==> flow/design.v <==
module mux_mod #(
  parameter integer DATA_WIDTH = 10,
  parameter integer N_IN = 64,
  parameter integer SW = $clog2(N_IN)
) (
  input wire sys_clk,
  input wire enable,
  input wire [N_IN*DATA_WIDTH-1:0] src,
  input wire [SW-1:0] s,
  output wire [DATA_WIDTH-1:0] o
);
  reg [N_IN*DATA_WIDTH-1:0] r_src;
  reg [SW-1:0] r_s;
  always @(posedge sys_clk) begin
    if (enable) begin
      r_src <= src;
      r_s <= s;
    end
  end
  wire [DATA_WIDTH-1:0] lvl [1:2*N_IN-1];
  genvar k;
  generate
    for (k = 0; k < N_IN; k = k + 1) begin : stage
      assign lvl[N_IN+k] = r_src[k*DATA_WIDTH +: DATA_WIDTH];
    end
    for (k = 1; k < N_IN; k = k + 1) begin : g_bit
      sel2 #(.N(DATA_WIDTH)) el (.a(lvl[2*k]), .b(lvl[2*k+1]), .s(r_s[SW - $clog2(k+1)]), .y(lvl[k]));
    end
  endgenerate
  assign o = lvl[1];
endmodule
module sel2 #(parameter N = 1) (
  input wire [N-1:0] a,
  input wire [N-1:0] b,
  input wire s,
  output wire [N-1:0] y
);
  assign y = s ? b : a;
endmodule
Reports on mux_mod
The steps from the RTL of mux_mod to its reports follow in flow order.
Lines are those of the file above, counted from 1.
Operators: Yosys type, input widths -> output width; for muxes data width and select width s.
Library cell names are shortened.
The mark -- stands for no value.
- top module: mux_mod
- clock: sys_clk
- library: sky130hd
- timing corner: tt_025C_1v80

Word-level counts
Yosys after proc, flatten, opt, wreduce and memory -nomap, before mapping. Enables and synchronous resets that opt folds into registers are not counted as muxes. Print and check cells are not counted. Equal cells are merged and count once.
- noted multiplexer cells: 63
- operators by type and width (operator ; number):
    $mux 10 ; 63
- noted flip-flop bits (word level): 646
- noted input port bits: 648
- noted output and inout bits: 10
- noted cells after elaboration: 65

Logic depth
Longest topological path by Yosys (ltp), each cell counted once; first at word level (registers and memories cut), then after technology mapping (sequential cells cut; the memories' decode and read muxes count).
- word-level depth: 6
- ABC_AREA: 1
- mapped depth at 12
- depth with buffers taken out at 9

Mapped cells and area
Source: synth_stat.txt of the flow (Yosys; design flattened, memories mapped). It holds for the ABC_AREA given above (unset counts as 0); a run with the other value may have another netlist.
- noted standard cells after synthesis: 2139
- synthesis area: 26051.2 µm²
- mapped flip-flops at 646
- buffer cells: 137
- cell types (cell ; number ; area in all (µm²)):
    edfxtp_1 ; 646 ; 1.94E+04
    nand2_1 ; 810 ; 3.04E+03
    nand3_1 ; 540 ; 2.7E+03
    buf_6 ; 25 ; 281.52
    buf_4 ; 33 ; 247.738
    buf_2 ; 36 ; 180.173
    clkbuf_1 ; 29 ; 108.854
    buf_1 ; 13 ; 48.797
    buf_8 ; 1 ; 15.014
    inv_4 ; 2 ; 12.512
    inv_1 ; 2 ; 7.507
    clkinv_1 ; 1 ; 3.754
    inv_2 ; 1 ; 3.754

Timing after synthesis
Source: OpenSTA report_checks on the synthesized netlist (no wires, ideal clock, input and output delay 20% of the period each), path of least setup slack; recovery checks are left aside. Register names are those of the netlist, which keeps one name where synthesis merged equal registers.
- path kind: register -> output
- start point: reg r_s[0]
- end point: out o[0]
- clock period at 2.95 ns
- external output delay at 0.590 ns
- arrival at 1.353 ns
- required time: 2.360 ns
- noted setup slack: 1.007 ns
- noted delay of the path: 1.353 ns
- stages on the path: 13
- synthesis period reached: 1.943 ns
"delay of the path" = arrival - input delay + setup time.
A path that ends at an output port has no setup time.
"stages on the path": output pins that drive a net of the path, with the launching flip-flop's if there is one; two outputs of one cell count as two.
"synthesis period reached" = period - worst setup slack (recovery checks aside). The figure is calculated, with input and output delays left at 20% of the set period.
The rows between start and end are the longest chain of elaborated cells between them; the timing report does not say that the signal goes this way. Where chains are equally long, one stands for them.
A line is the first line of the expression or statement that the cell stems from. Yosys adds cells for indexed reads and writes and turns some case tables into memories.
- path through: edfxtp_1 buf_6 inv_4 buf_8 buf_6 nand2_1 nand3_1 nand3_1 nand2_1 nand2_1 nand3_1 nand3_1 nand2_1
- noted length of the longest elaborated chain: 6
- ends and longest elaborated chain, post-synthesis (what ; line ; RTL):
    from (decl) ; 13 ; reg [SW-1:0] r_s;
    from (assign) ; 17 ; r_s <= s;
    $mux 10 x6 ; 38 ; assign y = s ? b : a;
    to (decl) ; 10 ; output wire [DATA_WIDTH-1:0] o

Path in the finished layout
Path of least setup slack in the final report of entry A (OpenROAD, finished layout, wires in). Where an end is a register, its clock arrival counts in the times.
- path kind: register -> output
- start point: reg r_s[1]
- end point: out o[0]
- clock period at 1.58 ns
- external output delay at 0.32 ns
- arrival at 2.85 ns
- required time: 1.26 ns
- noted setup slack: -1.59 ns
- stages on the path: 14
The rows between start and end are the longest chain of elaborated cells between them; the timing report does not say that the signal goes this way. Where chains are equally long, one stands for them.
- path through: edfxtp_1 buf_12 inv_12 buf_6 buf_16 buf_4 nand3_1 nand3_1 nand2_2 nand2_1 nand3_2 nand3_4 nand2_2 buf_6
- noted length of the longest elaborated chain: 5
- ends and longest elaborated chain, post-layout (what ; line ; RTL):
    from (decl) ; 13 ; reg [SW-1:0] r_s;
    from (assign) ; 17 ; r_s <= s;
    $mux 10 x5 ; 38 ; assign y = s ? b : a;
    to (decl) ; 10 ; output wire [DATA_WIDTH-1:0] o

## Implementation results

Record of 3 stored runs of the RTL-to-layout flow on mux_mod, platform sky130hd. The runs are unordered. Constraints: input delay and output delay 20% of the set period each, output load 0.01 pF.
By "time on the worst setup path" is meant the share of the clock period that the worst setup path is allowed (20% is reserved at inputs, 20% at outputs), minus its slack. Clock arrival times at its registers enter into it.

Entry A
Settings were period_ns = 1.58; CORE_UTILIZATION = 22; SETUP_SLACK_MARGIN = 0.07; PLACE_DENSITY_LB_ADDON = 0.05; CELL_PAD_IN_SITES_DETAIL_PLACEMENT = 2; ABC_AREA = 1; GPL_ROUTABILITY_DRIVEN = 0; CAP_MARGIN = 20; SLEW_MARGIN = 20; MIN_ROUTING_LAYER = met2; CORE_MARGIN = 2
- overall die area at 121184.0 µm²
- Yosys chip area after synthesis at 26051.2 µm²
- worst hold slack at 0.214 ns
- noted the worst setup slack after layout: -1.587 ns
- time on the worst setup path at 2.85 ns
- kind of the worst setup path: register -> output
- noted the standard-cell area after routing: 40490.1 µm²

Entry B
Settings were period_ns = 2.95; CAP_MARGIN = 20; CORE_MARGIN = 2; CORE_UTILIZATION = 40; SLEW_MARGIN = 20
- overall die area at 63720.9 µm²
- Yosys chip area after synthesis at 24687.4 µm²
- worst hold slack at 0.374 ns
- noted the worst setup slack after layout: -0.509 ns
- time on the worst setup path at 2.87 ns
- kind of the worst setup path: register -> output
- noted the standard-cell area after routing: 36160.9 µm²

Entry C
Settings were period_ns = 4.12; CORE_UTILIZATION = 71; HOLD_SLACK_MARGIN = 0.11; TNS_END_PERCENT = 60; GPL_TIMING_DRIVEN = 0; MIN_ROUTING_LAYER = met2; MAX_ROUTING_LAYER = met5; CAP_MARGIN = 20; CORE_MARGIN = 2; SLEW_MARGIN = 20
- stopped before the end: clock tree synthesis reported DPL-0038
